==> flow/design.v <==
module cpu_mul_core_p (clk_i, rst_ni, arg0_in, arg1_in, prod_out);
   parameter NBITS = 8;
   input clk_i;
   input rst_ni;
   input [NBITS-1:0] arg0_in;
   input [NBITS-1:0] arg1_in;
   output reg [2*NBITS-1:0] prod_out;
   reg [NBITS-1:0] arg0_s;
   always @(posedge clk_i) begin
      if (!rst_ni) begin
         arg0_s <= 0;
      end else begin
         arg0_s <= arg0_in;
      end
   end
   reg [NBITS-1:0] arg1_s;
   always @(posedge clk_i) begin
      if (!rst_ni) begin
         arg1_s <= 0;
      end else begin
         arg1_s <= arg1_in;
      end
   end
   localparam H = NBITS / 2;
   wire [NBITS-1:0] ll;
   cpu_mul_core_p_pmul #(.N(H)) el (.a(arg0_s[H-1:0]), .b(arg1_s[H-1:0]), .p(ll));
   wire [NBITS-1:0] lh;
   cpu_mul_core_p_pmul #(.N(H)) inst (.a(arg0_s[H-1:0]), .b(arg1_s[NBITS-1:H]), .p(lh));
   wire [NBITS-1:0] hl;
   cpu_mul_core_p_pmul #(.N(H)) unit (.a(arg0_s[NBITS-1:H]), .b(arg1_s[H-1:0]), .p(hl));
   wire [NBITS-1:0] hh;
   cpu_mul_core_p_pmul #(.N(H)) u (.a(arg0_s[NBITS-1:H]), .b(arg1_s[NBITS-1:H]), .p(hh));
   reg [NBITS-1:0] ll_s;
   always @(posedge clk_i) begin
      if (!rst_ni) begin
         ll_s <= 0;
      end else begin
         ll_s <= ll;
      end
   end
   reg [NBITS-1:0] lh_s;
   always @(posedge clk_i) begin
      if (!rst_ni) begin
         lh_s <= 0;
      end else begin
         lh_s <= lh;
      end
   end
   reg [NBITS-1:0] hl_s;
   always @(posedge clk_i) begin
      if (!rst_ni) begin
         hl_s <= 0;
      end else begin
         hl_s <= hl;
      end
   end
   reg [NBITS-1:0] hh_s;
   always @(posedge clk_i) begin
      if (!rst_ni) begin
         hh_s <= 0;
      end else begin
         hh_s <= hh;
      end
   end
   wire [NBITS:0] part;
   assign part = lh_s + hl_s;
   always @(posedge clk_i) begin
      if (!rst_ni) begin
         prod_out <= 0;
      end else begin
         prod_out <= {hh_s, ll_s} + {part, {H{1'b0}}};
      end
   end
endmodule
module cpu_mul_core_p_pmul #(parameter N = 4) (
   input wire [N-1:0] a,
   input wire [N-1:0] b,
   output wire [2*N-1:0] p
);
   assign p = a * b;
endmodule
Wiki page: cpu_mul_core_p / tool data

==> Tool chain data of cpu_mul_core_p <==
Module cpu_mul_core_p in several versions that differ in "NBITS"; each step lists the members.
The file above is the member NBITS 8. Line numbers count from 1 in each member's own file.
Cell names lack the library's common part.
{ "setup": {"top": "cpu_mul_core_p", "clock": "clk_i", "library": "sky130hd", "lib_corner": "tt_025C_1v80"} }

==> Members of the sweep <==
New or changed lines of each further member against the RTL above, in its own file; lines it lacks are not shown.
{ "src_changes": {"columns": ["NBITS", "line", "rtl"], "rows": [
  [14, 2, "parameter NBITS = 14;"],
  [20, 2, "parameter NBITS = 20;"],
  [22, 2, "parameter NBITS = 22;"],
  [28, 2, "parameter NBITS = 28;"]
]} }

==> Word level <==
Counts by Yosys on the flattened word-level netlist (proc, flatten, opt, wreduce; memories kept). Register bits leave out memories and registers merged into their read ports (data or address); mux counts leave out enables and synchronous resets folded into registers. Print and check cells are left out. Cells with the same type and inputs are merged into one.
{ "op_classes": {"columns": ["NBITS", "add_sub_neg", "mul", "n_div", "cmp", "n_eq", "shifts", "n_mux", "logic", "reduce_and_logical"], "rows": [
  [8, 2, 4, 0, 0, 0, 0, 0, 0, 0],
  [14, 2, 4, 0, 0, 0, 0, 0, 0, 0],
  [20, 2, 4, 0, 0, 0, 0, 0, 0, 0],
  [22, 2, 4, 0, 0, 0, 0, 0, 0, 0],
  [28, 2, 4, 0, 0, 0, 0, 0, 0, 0]
]} }
{ "ops": {"columns": ["NBITS", "operators"], "rows": [
  [8, "multiplier 4 x 4 -> 8 bit (4); adder 16 x 13 -> 16 bit (1); adder 8 x 8 -> 9 bit (1)"],
  [14, "multiplier 7 x 7 -> 14 bit (4); adder 28 x 22 -> 28 bit (1); adder 14 x 14 -> 15 bit (1)"],
  [20, "multiplier 10 x 10 -> 20 bit (4); adder 40 x 31 -> 40 bit (1); adder 20 x 20 -> 21 bit (1)"],
  [22, "multiplier 11 x 11 -> 22 bit (4); adder 44 x 34 -> 44 bit (1); adder 22 x 22 -> 23 bit (1)"],
  [28, "multiplier 14 x 14 -> 28 bit (4); adder 56 x 43 -> 56 bit (1); adder 28 x 28 -> 29 bit (1)"]
]} }
{ "bits": {"columns": ["NBITS", "regBits", "latch_bits", "ram_bits", "mem_bits_ro", "clocked_rd_ports_x_width", "n_memories", "in_bits"], "rows": [
  [8, 64, 0, 0, 0, 0, 0, 18],
  [14, 112, 0, 0, 0, 0, 0, 30],
  [20, 160, 0, 0, 0, 0, 0, 42],
  [22, 176, 0, 0, 0, 0, 0, 46],
  [28, 224, 0, 0, 0, 0, 0, 58]
]} }

==> Depth <==
Depth = most cells in a row (Yosys ltp): at word level without a register or memory, in the mapped netlist without a sequential cell, where the memories' decode and read muxes count.
{ "logic_depth": {"columns": ["NBITS", "ltp_word", "ABC_AREA", "mapped_depth", "ltp_nobuf"], "rows": [
  [8, 2, 0, 14, 14],
  [14, 2, 0, 17, 16],
  [20, 2, 0, 21, 19],
  [22, 2, 0, 21, 19],
  [28, 2, 0, 25, 23]
]} }

==> Mapped cells and area <==
Source: synth_stat.txt of the flow (Yosys; design flattened, memories mapped). It holds for the ABC_AREA given above (unset counts as 0); a run with the other value may have another netlist.
{ "mapped": {"columns": ["NBITS", "cell_count", "synth_area_mm2", "sequential_area_mm2", "flip_flops", "n_buf"], "rows": [
  [8, 452, 0.0042628, 0.0012812, 64, 8],
  [14, 1153, 0.0105201, 0.0022422, 112, 44],
  [20, 2221, 0.0197039, 0.0032031, 160, 109],
  [22, 2615, 0.0230271, 0.0035234, 176, 123],
  [28, 3953, 0.0348071, 0.0044843, 224, 209]
]} }
{ "by_type": {"columns": ["NBITS", "type_list"], "rows": [
  [8, "dfxtp_1 (64); ha_1 (67); and2_1 (94); fa_1 (18); xnor2_1 (17); inv_1 (35); nand2_1 (26); a21oi_1 (19); a21o_1 (9); nor4b_1 (6); nor2b_1 (8); xor2_1 (5); o21ai_0 (8); nor2_1 (10); and3_1 (5); nand4_1 (5); mux2i_1 (3); nand3_1 (6); [+47]"],
  [14, "dfxtp_1 (112); ha_1 (159); fa_1 (98); and2_1 (192); nand2_1 (95); inv_1 (91); nor2_1 (72); xnor2_1 (27); a21oi_1 (47); xor2_1 (24); clkbuf_1 (43); o21ai_0 (24); nand3_1 (20); nor3_1 (19); a21o_1 (12); o21a_1 (11); a211oi_1 (10); nand2b_1 (12); [+85]"],
  [20, "fa_1 (250); ha_1 (261); dfxtp_1 (160); and2_1 (315); inv_1 (283); nand2_1 (214); nor2_1 (115); a21oi_1 (81); clkbuf_1 (103); xor2_1 (40); xnor2_1 (38); a21o_1 (41); o21ai_0 (48); mux2i_1 (14); nor3_1 (25); nand2b_1 (19); nand3_1 (22); a31oi_1 (16); [+176]"],
  [22, "fa_1 (322); ha_1 (285); dfxtp_1 (176); and2_1 (352); inv_1 (415); nand2_1 (270); xnor2_1 (58); nor2_1 (134); clkbuf_1 (120); a21oi_1 (84); xor2_1 (41); a21o_1 (45); o21ai_0 (54); o21a_1 (20); a211oi_1 (19); a31oi_1 (20); nand4_1 (19); nand2b_1 (17); [+164]"],
  [28, "fa_1 (566); ha_1 (425); dfxtp_1 (224); and2_1 (455); inv_1 (650); nand2_1 (509); clkbuf_1 (206); a21oi_1 (140); xnor2_1 (78); nor2_1 (169); a21o_1 (69); xor2_1 (59); o21ai_0 (77); o21bai_1 (24); nand3_1 (32); and3_1 (25); o21a_1 (20); nand2b_1 (21); [+204]"]
]} }
A list marked [+n] leaves out that many cells.
The figures by module come from a second, unflattened synthesis with its own total; it is not the netlist above.
{ "unflattened": {"columns": ["NBITS", "hier_cells", "area_unflattened_mm2"], "rows": [
  [8, 448, 0.0043729],
  [14, 1137, 0.0107003],
  [20, 2249, 0.020088],
  [22, 2669, 0.0236639],
  [28, 4206, 0.0368829]
]} }

==> Worst setup path after synthesis <==
OpenSTA on the mapped netlist: ideal clock, no wires. The path of least setup slack (recovery checks aside). Input and output delay are each 20% of the period. Register names are those of the netlist, which keeps one name where synthesis merged equal registers.
{ "synth_path": {"columns": ["NBITS", "path_kind", "from", "to", "clock_period_ns", "path_slack_ns", "driving_pins", "delay_ns", "synth_period_reached_ns"], "rows": [
  [8, "reg2reg", "register arg1_s[3]", "register hl_s[7]", 3.45, 0.688, 11, 2.763, 2.762],
  [14, "reg2reg", "register arg1_s[6]", "register hl_s[12]", 5.37, 1.075, 17, 4.295, 4.295],
  [20, "reg2reg", "register arg0_s[7]", "register ll_s[19]", 6.49, 1.297, 21, 5.193, 5.193],
  [22, "reg2reg", "register arg1_s[2]", "register ll_s[20]", 6.34, 1.268, 19, 5.073, 5.072],
  [28, "reg2reg", "register arg0_s[7]", "register lh_s[27]", 7.74, 1.551, 23, 6.189, 6.189]
]} }
"delay_ns" = arrival - input delay + setup time.
"driving_pins" counts driving pins, that of a launching flip-flop among them; a cell with two outputs on the path counts twice.
"synth_period_reached_ns" = period - worst setup slack (recovery checks aside). The figure is calculated, with input and output delays left at 20% of the set period.
Between the ends stands the longest chain of elaborated cells between them, by number of cells; it is not shown to be the way that was timed. Of several equally long chains one is given.
A line is the first line of the expression or statement that the cell stems from. Yosys adds cells for indexed reads and writes and turns some case tables into memories.
{ "synth_between_NBITS_8": {"elab_chain_cells": 1} }
{ "synth_lines_NBITS_8": {"columns": ["element", "line", "rtl"], "rows": [
  ["from (decl)", 16, "reg [NBITS-1:0] arg1_s;"],
  ["from (assign)", 19, "arg1_s <= 0;"],
  ["from (assign)", 21, "arg1_s <= arg1_in;"],
  ["multiplier 4 x 4 -> 8 bit", 80, "assign p = a * b;"],
  ["to (assign)", 52, "hl_s <= 0;"],
  ["to (assign)", 54, "hl_s <= hl;"],
  ["to (decl)", 49, "reg [NBITS-1:0] hl_s;"]
]} }
{ "synth_between_NBITS_28": {"elab_chain_cells": 1} }
{ "synth_lines_NBITS_28": {"columns": ["element", "line", "rtl"], "rows": [
  ["from (decl)", 8, "reg [NBITS-1:0] arg0_s;"],
  ["from (assign)", 11, "arg0_s <= 0;"],
  ["from (assign)", 13, "arg0_s <= arg0_in;"],
  ["multiplier 14 x 14 -> 28 bit", 80, "assign p = a * b;"],
  ["to (assign)", 44, "lh_s <= 0;"],
  ["to (assign)", 46, "lh_s <= lh;"],
  ["to (decl)", 41, "reg [NBITS-1:0] lh_s;"]
]} }

==> Worst path after layout <==
Path of least setup slack in the final report of each member's run (OpenROAD, finished layout, wires in). Where an end is a register, its clock arrival counts in the times.
{ "layout_path": {"columns": ["NBITS", "path_kind", "from", "to", "clock_period_ns", "path_slack_ns", "driving_pins", "arrival_time_ns", "n_path_buf"], "rows": [
  [8, "reg2reg", "register arg0_s[5]", "register hl_s[7]", 3.45, 0.49, 11, 3.25, 0],
  [14, "reg2reg", "register arg1_s[1]", "register ll_s[12]", 5.37, 0.80, 17, 4.83, 0],
  [20, "reg2reg", "register arg1_s[3]", "register ll_s[19]", 6.49, 0.74, 20, 6.17, 0],
  [22, "reg2reg", "register arg0_s[5]", "register ll_s[20]", 6.34, 0.59, 18, 6.11, 0],
  [28, "reg2reg", "register arg1_s[4]", "register hl_s[27]", 7.74, 1.18, 23, 7.06, 0]
]} }

==> Layout results <==
One run of the flow (Yosys, OpenROAD) for each member, with settings and measured results. Input and output delays are each 20% of the period that was set; the output load is 0.01 pF.
{ "settings": {"CAP_MARGIN": 20, "CORE_MARGIN": 2, "CORE_UTILIZATION": 40, "SLEW_MARGIN": 20} }
{ "settings_diff": {"columns": ["NBITS", "period_ns"], "rows": [
  [8, 3.45],
  [14, 5.37],
  [20, 6.49],
  [22, 6.34],
  [28, 7.74]
]} }
{ "results": {"columns": ["NBITS", "synth_chip_area_mm2", "design_die_area_mm2", "final_cell_area_mm2", "post_route_util_frac", "worst_setup_slack_ns", "setup_tns_ns", "worst_hold_slack_ns", "power_uw", "achievedPeriod_ns"], "rows": [
  [8, 0.0042628, 0.0114993, 0.0049923, 0.484, 0.487, 0.000, 0.436, 1822, 2.963],
  [14, 0.0105201, 0.0276141, 0.0117538, 0.454, 0.798, 0.000, 0.430, 2297, 4.572],
  [20, 0.0197039, 0.0510511, 0.0217171, 0.445, 0.742, 0.000, 0.438, 3676, 5.748],
  [22, 0.0230271, 0.0595018, 0.0253831, 0.448, 0.588, 0.000, 0.430, 4423, 5.752],
  [28, 0.0348071, 0.089392, 0.0381854, 0.442, 1.184, 0.000, 0.423, 6018, 6.556]
]} }
"achievedPeriod_ns" = clock period - worst setup slack. The figure is calculated, with input and output delays left at 20% of the set period.
"power_uw" is the tool's figure for a default switching activity; nothing was simulated.
